==> flow/design.v <==
module fa (
  input wire a,
  input wire b,
  input wire ci,
  output wire s,
  output wire co
);
  assign {co, s} = a + b + ci;
endmodule
module summer #(
  parameter WD = 12
) (
  input wire clk_i,
  input wire rst_n,
  input wire step,
  input wire [WD-1:0] A_in,
  input wire [WD-1:0] B_in,
  input wire c0_in,
  output wire [WD-1:0] out_out,
  output wire cy_out
);
  reg [WD-1:0] r_A;
  reg [WD-1:0] r_B;
  reg r_c0;
  wire [WD-1:0] tmp;
  wire [WD:0] carry;
  assign carry[0] = r_c0;
  genvar g;
  generate
    for (g = 0; g < WD; g = g + 1) begin : row
      fa u0 (.a(r_A[g]), .b(r_B[g]), .ci(carry[g]), .s(tmp[g]), .co(carry[g+1]));
    end
  endgenerate
  assign out_out = tmp;
  assign cy_out = carry[WD];
  always @(posedge clk_i) begin
    if (~rst_n) begin
      r_A <= 0;
      r_B <= 0;
      r_c0 <= 1'b0;
    end else if (step) begin
      r_A <= A_in;
      r_B <= B_in;
      r_c0 <= c0_in;
    end
  end
endmodule
Reports on summer
Tool output for the design above, in the order of the flow.
Lines are those of the file above, counted from 1.
Not given: n/a
- top module: summer
- clock input: clk_i
- cell library: sky130hd
- timing corner: tt_025C_1v80

Word level
Yosys after proc, flatten, opt, wreduce and memory -nomap, before mapping. Enables and synchronous resets that opt folds into registers are not counted as muxes. Memory bits, and registers merged into a memory's read port (data or address), are not among the register bits. Print and check cells are not counted. Equal cells are merged and count once.
- noted equal/unequal tests: 0
- $mul at 0
- muxes and demuxes at 0
- noted bitwise operators: 0
- shift operators: 0
- noted div/mod/pow operators: 0
- magnitude comparators at 0
- reductions and logical operators: 0
- noted add/subtract/negate cells: 24
- operators with widths (operator ; number):
    adder 1 x 1 -> 2 bit ; 12
    adder 2 x 1 -> 2 bit ; 12
- bits in latches at 0
- output and inout port bits at 13
- memories at 0
- word-level cells at 27
- bits in writable memories at 0
- bits in read-only memories: 0
- noted register bits: 25
- input port bits at 28
- word width x clocked read ports at 0

Logic depth
Depth = most cells in a row (Yosys ltp): at word level without a register or memory, in the mapped netlist without a sequential cell, where the memories' decode and read muxes count.
- noted depth after elaboration: 13
- noted ABC_AREA: 0
- mapped depth: 17
- noted depth with buffers taken out: 16

Netlist
Yosys stat after the flow's synthesis: flattened, memories mapped to cells. It holds for the ABC_AREA given above (unset counts as 0); a run with the other value may have another netlist.
The area totals of this step are shown rounded.
- cells by type (cell type ; number ; total area (µm²)):
    sky130_fd_sc_hd__dfxtp_1 ; 25 ; 500.48
    sky130_fd_sc_hd__mux2i_1 ; 25 ; 250.24
    sky130_fd_sc_hd__fa_1 ; 12 ; 240.23
    sky130_fd_sc_hd__nor2b_1 ; 25 ; 156.4
    sky130_fd_sc_hd__buf_4 ; 12 ; 90.086
    sky130_fd_sc_hd__buf_12 ; 2 ; 40.038
    sky130_fd_sc_hd__inv_1 ; 10 ; 37.536
    sky130_fd_sc_hd__buf_6 ; 1 ; 11.261
    sky130_fd_sc_hd__clkbuf_1 ; 2 ; 7.507
- area of sequential cells: 0.0005005 mm²
- noted buffers: 17
- cell count at 114
- noted mapped area: 0.001334 mm²
- mapped flip-flops at 25
The figures by module come from a second, unflattened synthesis with its own total; it is not the netlist above.
- cell total of the unflattened synthesis: 92
- noted area (unflattened synthesis): 0.001206 mm²
Rows give one instance, submodules left out.
- modules (module ; sequential area (mm²) ; times used ; area (mm²) ; cells):
    summer ; 0.0005005 ; 1 ; 0.0009659 ; 80
    fa ; 0 ; 12 ; 0.00002 ; 1

Worst setup path after synthesis
Path of least setup slack by OpenSTA after synthesis, without wires, with an ideal clock, recovery checks aside; 20% of the period is set as input and as output delay. Where synthesis merged equal registers, the netlist keeps one of their names.
- path type: flip-flop to output port
- start point: reg r_c0
- end point: out out_out[11]
- noted launch time at the first pin: 0.000 ns
- period: 7.71 ns
- buffers on the path: 1
- setup slack at 1.233 ns
- noted data arrival time: 4.935 ns
- external output delay at 1.542 ns
- driving pins on the path: 18
- noted required time: 6.168 ns
- delay of the path: 4.935 ns
- noted synthesis period reached: 6.477 ns
"delay of the path" = arrival - input delay + setup time.
A path that ends at an output port has no setup time.
"driving pins on the path" counts driving pins, that of a launching flip-flop among them; a cell with two outputs on the path counts twice.
"synthesis period reached" is the clock period less the worst setup slack; recovery checks do not enter. This is arithmetic on one report: input and output delays are still those of the set period (20% each).
Between the ends stands the longest chain of elaborated cells between them, by number of cells; it is not shown to be the way that was timed. Of several equally long chains one is given.
A line is the first line of the expression or statement that the cell stems from. Yosys adds cells for indexed reads and writes and turns some case tables into memories.
- cells stage by stage: sky130_fd_sc_hd__dfxtp_1 sky130_fd_sc_hd__inv_1 sky130_fd_sc_hd__fa_1 sky130_fd_sc_hd__inv_1 sky130_fd_sc_hd__fa_1 sky130_fd_sc_hd__fa_1 sky130_fd_sc_hd__fa_1 sky130_fd_sc_hd__fa_1 sky130_fd_sc_hd__fa_1 sky130_fd_sc_hd__fa_1 sky130_fd_sc_hd__fa_1 sky130_fd_sc_hd__fa_1 sky130_fd_sc_hd__fa_1 sky130_fd_sc_hd__fa_1 sky130_fd_sc_hd__inv_1 sky130_fd_sc_hd__fa_1 sky130_fd_sc_hd__inv_1 sky130_fd_sc_hd__buf_4
- cells in the longest elaborated chain at 12
- elaborated cells on any way between the ends at 12
- RTL lines with such cells: 1
- classes of those cells: add/sub: 12
- ends and longest elaborated chain, after synthesis (what ; RTL line ; source):
    start, declared ; 24 ; reg r_c0;
    start, assigned ; 40 ; r_c0 <= 1'b0;
    start, assigned ; 44 ; r_c0 <= c0_in;
    adder 2 x 1 -> 2 bit x12 ; 8 ; assign {co, s} = a + b + ci;
    end, declared ; 19 ; output wire [WD-1:0] out_out,
Some nets on the timed path still bear RTL names; the line given drives or declares the net.
- named nets, after synthesis (signal ; RTL line):
    row[11].u0.s ; 8

Worst path after layout
Path of least setup slack in the final report of stored run 1 (OpenROAD, finished layout, wires in). Where an end is a register, its clock arrival counts in the times.
- path type: flip-flop to output port
- start point: reg r_c0
- end point: out out_out[11]
- noted data arrival time: 5.88 ns
- external output delay at 1.54 ns
- driving pins on the path: 18
- period: 7.71 ns
- noted launch time at the first pin: 0.31 ns
- buffers on the path: 1
- noted required time: 6.17 ns
- setup slack at 0.28 ns
Between the ends stands the longest chain of elaborated cells between them, by number of cells; it is not shown to be the way that was timed. Of several equally long chains one is given.
- cells stage by stage: sky130_fd_sc_hd__dfxtp_1 sky130_fd_sc_hd__inv_1 sky130_fd_sc_hd__fa_1 sky130_fd_sc_hd__inv_1 sky130_fd_sc_hd__fa_1 sky130_fd_sc_hd__fa_1 sky130_fd_sc_hd__fa_1 sky130_fd_sc_hd__fa_1 sky130_fd_sc_hd__fa_1 sky130_fd_sc_hd__fa_1 sky130_fd_sc_hd__fa_1 sky130_fd_sc_hd__fa_1 sky130_fd_sc_hd__fa_1 sky130_fd_sc_hd__fa_1 sky130_fd_sc_hd__inv_1 sky130_fd_sc_hd__fa_1 sky130_fd_sc_hd__inv_1 sky130_fd_sc_hd__clkdlybuf4s50_1
- cells in the longest elaborated chain at 12
- elaborated cells on any way between the ends at 12
- RTL lines with such cells: 1
- classes of those cells: add/sub: 12
- ends and longest elaborated chain, after layout (what ; RTL line ; source):
    start, declared ; 24 ; reg r_c0;
    start, assigned ; 40 ; r_c0 <= 1'b0;
    start, assigned ; 44 ; r_c0 <= c0_in;
    adder 2 x 1 -> 2 bit x12 ; 8 ; assign {co, s} = a + b + ci;
    end, declared ; 19 ; output wire [WD-1:0] out_out,

Stored flow runs of summer (3 of them; Yosys, OpenROAD, sky130hd). They differ in their settings and are not a sequence. Constraints: input delay and output delay 20% of the set period each, output load 0.01 pF.
"reached clock period" = clock period - worst setup slack. The figure is calculated, with input and output delays left at 20% of the set period.
"worst path time": the worst setup path's part of the clock period (all of it between registers, 20% less for each end at a port) less its slack. A launch clock that arrives late makes it longer, a capture clock that arrives late makes it shorter.
"power consumption": no workload was simulated; the value follows from the tool's default switching activity.
The results are shown rounded.

Stored run 1
Settings were period_ns = 7.71; CAP_MARGIN = 20; CORE_MARGIN = 2; CORE_UTILIZATION = 40; SLEW_MARGIN = 20
- noted the worst setup slack after layout: 0.283 ns
- smallest hold slack: 0.534 ns
- noted the worst path time: 5.88 ns
- kind of the worst setup path: flip-flop to output port
- noted the die outline area: 0.003812 mm²
- noted the standard-cell area of the final layout: 0.001675 mm²
- noted the sum of negative setup slack: 0.000 ns
- noted the reached clock period: 7.427 ns
- noted the utilization after routing: 54.0%
- cell area after synthesis at 0.001334 mm²
- power consumption: 265.4 uW

Stored run 2
Settings were period_ns = 4.59; CORE_UTILIZATION = 68; SETUP_SLACK_MARGIN = 1.1; PLACE_DENSITY_LB_ADDON = 0.12; CORE_MARGIN = 3; CELL_PAD_IN_SITES_GLOBAL_PLACEMENT = 2; TNS_END_PERCENT = 35; ABC_AREA = 1; GPL_ROUTABILITY_DRIVEN = 0; CTS_CLUSTER_SIZE = 32; CAP_MARGIN = 30; SLEW_MARGIN = 20
- stopped before the end: placement reported FLW-0024

Stored run 3
Settings were period_ns = 9.02; CORE_UTILIZATION = 49; SETUP_SLACK_MARGIN = 1.43; CORE_MARGIN = 2; GPL_ROUTABILITY_DRIVEN = 1; CAP_MARGIN = 0; SLEW_MARGIN = 0; MIN_ROUTING_LAYER = met2
- noted the worst setup slack after layout: 1.695 ns
- smallest hold slack: 0.543 ns
- noted the worst path time: 5.52 ns
- kind of the worst setup path: flip-flop to output port
- noted the die outline area: 0.003155 mm²
- noted the standard-cell area of the final layout: 0.001663 mm²
- noted the sum of negative setup slack: 0.000 ns
- noted the reached clock period: 7.325 ns
- noted the utilization after routing: 65.9%
- cell area after synthesis at 0.001334 mm²
- power consumption: 228.4 uW
